==> flow/design.v <==
module gen_adder #(
    parameter NBITS = 8
) (
    input  wire clk,
    input  wire RSTN,
    input  wire [NBITS-1:0] dataa,
    input  wire [NBITS-1:0] datab,
    input  wire cin,
    output reg [NBITS-1:0] o,
    output reg carry
);
    wire [NBITS:0] val = dataa + datab + cin;
    always @(posedge clk or negedge RSTN) begin
        if (~RSTN) begin
            o <= 0;
            carry <= 1'b0;
        end else begin
            o <= val[NBITS-1:0];
            carry <= val[NBITS];
        end
    end
endmodule
[Step by step through the tools: gen_adder]
The steps from the RTL of gen_adder to its reports follow in flow order.
Line numbers count from 1 in the design file above.
Library cell names are shortened.
The mark -- stands for no value.
Design
  design top: gen_adder
  clock input: clk
  standard-cell library: sky130hd
  timing corner: tt_025C_1v80

[Word-level counts]
Counts by Yosys on the flattened word-level netlist (proc, flatten, opt, wreduce; memories kept). Register bits leave out memories and registers merged into their read ports (data or address); mux counts leave out enables and synchronous resets folded into registers. Print and check cells are left out. Cells with the same type and inputs are merged into one.
Cells by class
  add/subtract/negate cells: 2
Operator list (number)
  8-bit by 8-bit adder with 9-bit output: 1
  9-bit by 1-bit adder with 9-bit output: 1
Word-level totals
  bits of input ports: 19
  elaborated cells: 4
  flip-flop bits (word level): 9

[Logic depth]
Longest topological path by Yosys (ltp), each cell counted once; first at word level (registers and memories cut), then after technology mapping (sequential cells cut; the memories' decode and read muxes count).
Depth
  depth in word-level cells: 2
  ABC_AREA: 0
  mapped depth: 6

[After synthesis]
Source: synth_stat.txt of the flow (Yosys; design flattened, memories mapped). It holds for the ABC_AREA given above (unset counts as 0); a run with the other value may have another netlist.
The area totals of this step are shown rounded.
Mapped netlist
  buffer cells: 0
  flip-flop cells: 9
  mapped cells: 51
  mapped area: 557 um^2
Cell types
  dfrtp_1: number 9, total area 225.216 um^2
  ha_1: number 7, total area 87.584 um^2
  fa_1: number 2, total area 40.038 um^2
  a21oi_1: number 5, total area 25.024 um^2
  a311o_1: number 2, total area 20.019 um^2
  xnor2_1: number 2, total area 17.517 um^2
  xor2_1: number 2, total area 17.517 um^2
  a21o_1: number 2, total area 15.014 um^2
  nor2b_1: number 2, total area 12.512 um^2
  nand2_1: number 3, total area 11.261 um^2
  mux2i_1: number 1, total area 10.01 um^2
  nand3_1: number 2, total area 10.01 um^2
  nor3_1: number 2, total area 10.01 um^2
  a2111oi_0: number 1, total area 8.758 um^2
  a221oi_1: number 1, total area 8.758 um^2
  inv_1: number 2, total area 7.507 um^2
  nor2_1: number 2, total area 7.507 um^2
  o21bai_1: number 1, total area 7.507 um^2
Other cell types: 3; their cells: 3.

[Timing after synthesis]
Source: OpenSTA report_checks on the synthesized netlist (no wires, ideal clock, input and output delay 20% of the period each), path of least setup slack; recovery checks are left aside. Register names are those of the netlist, which keeps one name where synthesis merged equal registers.
Path after synthesis
  kind: in2reg
  start: input port dataa[0]
  end: register carry
  required time: 2.091 ns
  input delay: 0.444 ns
  path buffers: 0
  path delay: 1.419 ns
  arrival: 1.734 ns
  clock period: 2.22 ns
  stages: 6
  setup slack: 0.358 ns
  launch time at the first pin: 0.444 ns
  synthesis period reached: 1.862 ns
"path delay" is the arrival time less input delay plus setup time.
"stages" counts driving pins, that of a launching flip-flop among them; a cell with two outputs on the path counts twice.
"synthesis period reached" is the clock period less the worst setup slack; recovery checks do not enter. This is arithmetic on one report: input and output delays are still those of the set period (20% each).
Between the ends stands the longest chain of elaborated cells between them, by number of cells; it is not shown to be the way that was timed. Of several equally long chains one is given.
A line is the first line of the expression or statement that the cell stems from. Yosys adds cells for indexed reads and writes and turns some case tables into memories.
Between the ends, after synthesis
  cells stage by stage: fa_1 > fa_1 > a21oi_1 > nor2_1 > nor2_1 > o21ai_0
  length of the longest elaborated chain: 2
  elaborated cells between the ends (all ways): 2
  source lines of those cells: 1
  classes of those cells: 2 x add/sub
Ends and longest elaborated chain, after synthesis
  start: declaration: line 6  | input  wire [NBITS-1:0] dataa,
  8-bit by 8-bit adder with 9-bit output: line 12  | wire [NBITS:0] val = dataa + datab + cin;
  9-bit by 1-bit adder with 9-bit output: line 12
  end: assignment: line 16  | carry <= 1'b0;
  end: assignment: line 19  | carry <= val[NBITS];
  end: declaration: line 10  | output reg carry

[Path in the finished layout]
Path of least setup slack in the final report of flow run 1 (OpenROAD, finished layout, wires in). Where an end is a register, its clock arrival counts in the times.
Path post-layout
  kind: in2reg
  start: input port dataa[0]
  end: register carry
  stages: 7
  arrival: 2.25 ns
  launch time at the first pin: 0.44 ns
  setup slack: 0.11 ns
  clock period: 2.22 ns
  input delay: 0.44 ns
  required time: 2.35 ns
  path buffers: 1
Between the ends stands the longest chain of elaborated cells between them, by number of cells; it is not shown to be the way that was timed. Of several equally long chains one is given.
Between the ends, post-layout
  cells stage by stage: clkdlybuf4s50_1 > fa_1 > fa_1 > a21oi_2 > nor2_1 > nor2_2 > o21ai_0
  length of the longest elaborated chain: 2
  elaborated cells between the ends (all ways): 2
  source lines of those cells: 1
  classes of those cells: 2 x add/sub
Ends and longest elaborated chain, post-layout
  start: declaration: line 6  | input  wire [NBITS-1:0] dataa,
  8-bit by 8-bit adder with 9-bit output: line 12  | wire [NBITS:0] val = dataa + datab + cin;
  9-bit by 1-bit adder with 9-bit output: line 12
  end: assignment: line 16  | carry <= 1'b0;
  end: assignment: line 19  | carry <= val[NBITS];
  end: declaration: line 10  | output reg carry

Appendix: measured runs

gen_adder through Yosys and OpenROAD on sky130hd: 3 stored runs, unordered, with their settings and measured results. The constraints put input and output delay at 20% of the set period each and load the outputs with 0.01 pF.
"achieved period" is the run's clock period less its worst setup slack. It is reckoned from that one timing run; input and output delays stay at 20% of the period that was set.
"critical path time" = time allowed to the worst setup path (clock period - input delay - output delay, where it has them) - its slack; a late launch clock adds to it, a late capture clock takes from it.
Results are given in rounded form.

==> flow run 1: settings <==
{ "period_ns": 2.22, "CAP_MARGIN": 20, "CORE_MARGIN": 2, "CORE_UTILIZATION": 40, "SLEW_MARGIN": 20 }
==> flow run 1: results <==
total negative slack on setup checks: 0.000 ns
critical path time: 1.67 ns
critical path type: in2reg
achieved period: 2.112 ns
worst setup slack after layout: 0.108 ns
post-synthesis cell area: 557 um^2
area inside the die boundary: 1710 um^2
standard-cell area after layout: 901 um^2

==> flow run 2: settings <==
{ "period_ns": 1.5, "CORE_UTILIZATION": 48, "PLACE_DENSITY_LB_ADDON": 0.15, "CORE_MARGIN": 3, "TNS_END_PERCENT": 40, "ABC_AREA": 1, "CTS_CLUSTER_DIAMETER": 26, "CAP_MARGIN": 10, "MIN_ROUTING_LAYER": "met2", "MAX_ROUTING_LAYER": "met5", "SLEW_MARGIN": 20 }
==> flow run 2: results <==
total negative slack on setup checks: 0.000 ns
critical path time: 1.17 ns
critical path type: in2reg
achieved period: 1.469 ns
worst setup slack after layout: 0.031 ns
post-synthesis cell area: 609 um^2
area inside the die boundary: 1730 um^2
standard-cell area after layout: 1040 um^2

==> flow run 3: settings <==
{ "period_ns": 1.54, "CORE_UTILIZATION": 54, "PLACE_DENSITY_LB_ADDON": 0.13, "CORE_MARGIN": 3, "CELL_PAD_IN_SITES_DETAIL_PLACEMENT": 2, "TNS_END_PERCENT": 20, "CTS_CLUSTER_SIZE": 87, "CTS_CLUSTER_DIAMETER": 300, "CAP_MARGIN": 20, "SLEW_MARGIN": 20 }
==> flow run 3: results <==
not finished: floorplanning ended with error PDN-0185
